==> flow/design.v <==
module alu_diff_unit #(
   parameter DWIDTH = 7
) (
   input logic clk,
   input logic i_rst_n,
   input logic [DWIDTH-1:0] op_a,
   input logic [DWIDTH-1:0] op_b,
   output logic [DWIDTH-1:0] q,
   output logic bo
);
   logic [DWIDTH-1:0] op_a_ff;
   logic [DWIDTH-1:0] op_b_ff;
   logic [DWIDTH:0] t;
   assign t = {1'b0, op_a_ff} - {1'b0, op_b_ff};
   assign q = t[DWIDTH-1:0];
   assign bo = t[DWIDTH];
   always_ff @(posedge clk or negedge i_rst_n) begin
      if (!i_rst_n) begin
         op_a_ff <= 0;
         op_b_ff <= 0;
      end else begin
         op_a_ff <= op_a;
         op_b_ff <= op_b;
      end
   end
endmodule
Ticket comment

## Step by step through the tools: alu_diff_unit

Tool output for the members of one design family, told apart by "DWIDTH", in the order of the flow.
The RTL above is that of DWIDTH 7; lines are counted from 1 in the file of the member named.
The mark - stands for no value.

- Top module: alu_diff_unit
- Clock: clk
- Cell library: sky130hd
- Library corner: tt_025C_1v80

## Source of the members

New or changed lines of each further member against the RTL above, in its own file; lines it lacks are not shown.

Lines new or changed:

| DWIDTH | RTL line | RTL |
|---|---|---|
| 48 | 2 | `parameter DWIDTH = 48` |
| 112 | 2 | `parameter DWIDTH = 112` |

## Word-level counts

Counts by Yosys on the flattened word-level netlist (proc, flatten, opt, wreduce; memories kept). Register bits leave out memories and registers merged into their read ports (data or address); mux counts leave out enables and synchronous resets folded into registers. Print and check cells are left out. Cells with the same type and inputs are merged into one.

Word-level totals:

| DWIDTH | register bits | input bits | output and inout port bits | cells after elaboration |
|---|---|---|---|---|
| 7 | 14 | 16 | 8 | 3 |
| 48 | 96 | 98 | 49 | 3 |
| 112 | 224 | 226 | 113 | 3 |

Operators by class:

| DWIDTH | add/subtract/negate cells |
|---|---|
| 7 | 1 |
| 48 | 1 |
| 112 | 1 |

Operators by type and width:

| DWIDTH | kinds with counts |
|---|---|
| 7 | 7-bit by 7-bit subtractor with 8-bit output (1) |
| 48 | 48-bit by 48-bit subtractor with 49-bit output (1) |
| 112 | 112-bit by 112-bit subtractor with 113-bit output (1) |

## Logic depth

Yosys ltp: most cells in a row. Word level: on the elaborated netlist, between registers, memories and ports. Mapped: between sequential cells and ports; inverters and the memories' decode and read muxes count.

Depth:

| DWIDTH | word-level depth | ABC_AREA | depth in mapped cells | gate-level depth less buffers |
|---|---|---|---|---|
| 7 | 1 | 0 | 8 | 8 |
| 48 | 1 | 0 | 12 | 12 |
| 112 | 1 | 0 | 14 | 14 |

## Netlist

The flow's flattened synthesis, as Yosys stat reports it; memories are mapped. The netlist is that of the ABC_AREA named above (0 if unset); the other value can give another one.

Synthesis totals:

| DWIDTH | cells in the netlist | cell area after synthesis (sq mm) | sequential area (sq mm) | flip-flop cells | buffers |
|---|---|---|---|---|---|
| 7 | 50 | 0.0006269 | 0.0003503 | 14 | 0 |
| 48 | 548 | 0.0054953 | 0.0024023 | 96 | 16 |
| 112 | 1458 | 0.0133678 | 0.0056054 | 224 | 54 |

Cells by type:

| DWIDTH | type and count |
|---|---|
| 7 | sky130_fd_sc_hd__dfrtp_1 (14); sky130_fd_sc_hd__ha_1 (7); sky130_fd_sc_hd__inv_1 (9); sky130_fd_sc_hd__xnor2_1 (3); sky130_fd_sc_hd__fa_1 (1); sky130_fd_sc_hd__xor2_1 (2); sky130_fd_sc_hd__a21o_1 (2); sky130_fd_sc_hd__a21oi_1 (3); sky130_fd_sc_hd__nor2b_1 (2); sky130_fd_sc_hd__a311o_2 (1); sky130_fd_sc_hd__a211oi_1 (1); sky130_fd_sc_hd__o21a_1 (1); sky130_fd_sc_hd__o21bai_1 (1); sky130_fd_sc_hd__a31oi_1 (1); sky130_fd_sc_hd__o21ai_0 (1); sky130_fd_sc_hd__nor2_1 (1) |
| 48 | sky130_fd_sc_hd__dfrtp_1 (96); sky130_fd_sc_hd__ha_1 (48); sky130_fd_sc_hd__a21oi_1 (56); sky130_fd_sc_hd__xnor2_1 (27); sky130_fd_sc_hd__inv_1 (62); sky130_fd_sc_hd__xor2_1 (17); sky130_fd_sc_hd__nand2_1 (39); sky130_fd_sc_hd__o21ai_0 (27); sky130_fd_sc_hd__a21o_1 (17); sky130_fd_sc_hd__nor2_1 (18); sky130_fd_sc_hd__a31oi_1 (8); sky130_fd_sc_hd__nand2b_1 (8); sky130_fd_sc_hd__nand3_1 (9); sky130_fd_sc_hd__o21a_1 (6); sky130_fd_sc_hd__o21bai_1 (6); sky130_fd_sc_hd__nand4_1 (7); sky130_fd_sc_hd__nor2b_1 (7); sky130_fd_sc_hd__a31oi_4 (2); (+88) |
| 112 | sky130_fd_sc_hd__dfrtp_1 (224); sky130_fd_sc_hd__ha_1 (112); sky130_fd_sc_hd__a21oi_1 (173); sky130_fd_sc_hd__xnor2_1 (68); sky130_fd_sc_hd__inv_1 (156); sky130_fd_sc_hd__nand2_1 (126); sky130_fd_sc_hd__o21ai_0 (85); sky130_fd_sc_hd__xor2_1 (40); sky130_fd_sc_hd__nor2_1 (92); sky130_fd_sc_hd__nand4_1 (49); sky130_fd_sc_hd__a21o_1 (39); sky130_fd_sc_hd__o21bai_1 (33); sky130_fd_sc_hd__clkbuf_1 (38); sky130_fd_sc_hd__o21a_1 (19); sky130_fd_sc_hd__nor3_1 (23); sky130_fd_sc_hd__buf_2 (15); sky130_fd_sc_hd__a31oi_1 (10); sky130_fd_sc_hd__nand2b_1 (10); (+146) |

A list marked (+n) leaves out that many cells.

## Path before layout

OpenSTA on the mapped netlist: ideal clock, no wires. The path of least setup slack (recovery checks aside). Input and output delay are each 20% of the period. Register names are those of the netlist, which keeps one name where synthesis merged equal registers.

Timing post-synthesis:

| DWIDTH | path kind | start point | end point | period (ps) | path slack (ps) | stages on the path | path delay (ps) | period reached after synthesis (ps) |
|---|---|---|---|---|---|---|---|---|
| 7 | register -> output | register op_a_ff[0] | output port q[6] | 2540 | 408 | 9 | 1624 | 2132 |
| 48 | register -> output | register op_a_ff[0] | output port q[44] | 3980 | 638 | 13 | 2546 | 3342 |
| 112 | register -> output | register op_a_ff[0] | output port q[82] | 4810 | 771 | 15 | 3077 | 4039 |

"path delay" = arrival - input delay + setup time.
A path that ends at an output port has no setup time.
"stages on the path": output pins that drive a net of the path, with the launching flip-flop's if there is one; two outputs of one cell count as two.
"period reached after synthesis" = period - worst setup slack (recovery checks aside). The figure is calculated, with input and output delays left at 20% of the set period.
Between the ends stands the longest chain of elaborated cells between them, by number of cells; it is not shown to be the way that was timed. Of several equally long chains one is given.
Each line given opens the expression or statement behind the cell; cells for indexed reads and writes are added by Yosys, which also makes memories of some case tables.

Between the ends, post-synthesis, DWIDTH 7:
- Cells in the longest elaborated chain: 1

RTL lines, path post-synthesis, DWIDTH 7:

| what | RTL line | RTL |
|---|---|---|
| start, declared | 11 | `logic [DWIDTH-1:0] op_a_ff;` |
| start, assigned | 19 | `op_a_ff <= 0;` |
| start, assigned | 22 | `op_a_ff <= op_a;` |
| 7-bit by 7-bit subtractor with 8-bit output | 14 | `assign t = {1'b0, op_a_ff} - {1'b0, op_b_ff};` |
| end, declared | 8 | `output logic [DWIDTH-1:0] q,` |

Between the ends, post-synthesis, DWIDTH 112:
- Cells in the longest elaborated chain: 1

RTL lines, path post-synthesis, DWIDTH 112:

| what | RTL line | RTL |
|---|---|---|
| start, declared | 11 | `logic [DWIDTH-1:0] op_a_ff;` |
| start, assigned | 19 | `op_a_ff <= 0;` |
| start, assigned | 22 | `op_a_ff <= op_a;` |
| 112-bit by 112-bit subtractor with 113-bit output | 14 | `assign t = {1'b0, op_a_ff} - {1'b0, op_b_ff};` |
| end, declared | 8 | `output logic [DWIDTH-1:0] q,` |

## Timing after layout

Path of least setup slack in the final report of the run of each member (OpenROAD, finished layout, wires in). Where an end is a register, its clock arrival counts in the times.
The report prints the path's times to 10 ps; the period is as set.

Timing after layout:

| DWIDTH | path kind | start point | end point | period (ps) | path slack (ps) | stages on the path | arrival time (ps) | buffers on the path |
|---|---|---|---|---|---|---|---|---|
| 7 | register -> output | register op_a_ff[0] | output port q[6] | 2540 | 90 | 10 | 1940 | 1 |
| 48 | register -> output | register op_b_ff[0] | output port q[36] | 3980 | 60 | 12 | 3120 | 1 |
| 112 | register -> output | register op_a_ff[7] | output port q[82] | 4810 | -90 | 17 | 3940 | 4 |

## Flow runs

Settings and results of one run of the flow (Yosys, OpenROAD) for each member follow. The constraints put input and output delay at 20% of the set period each and load the outputs with 0.01 pF.

- CAP_MARGIN: 20
- CORE_MARGIN: 2
- CORE_UTILIZATION: 40
- SLEW_MARGIN: 20

Settings by member:

| DWIDTH | period_ns |
|---|---|
| 7 | 2.54 |
| 48 | 3.98 |
| 112 | 4.81 |

Measured results:

| DWIDTH | cell area after synthesis (sq mm) | total die area (sq mm) | utilization of the finished layout (%) | worst setup slack after layout (ps) | final setup TNS (ps) | total power of the final layout (µW) |
|---|---|---|---|---|---|---|
| 7 | 0.0006269 | 0.0018997 | 62.9 | 90 | 0 | 488.8 |
| 48 | 0.0054953 | 0.0146919 | 58.0 | 63 | 0 | 2890 |
| 112 | 0.0133678 | 0.034898 | 59.4 | -87 | -240 | 6159 |

"total power of the final layout" is the tool's figure for a default switching activity; nothing was simulated.
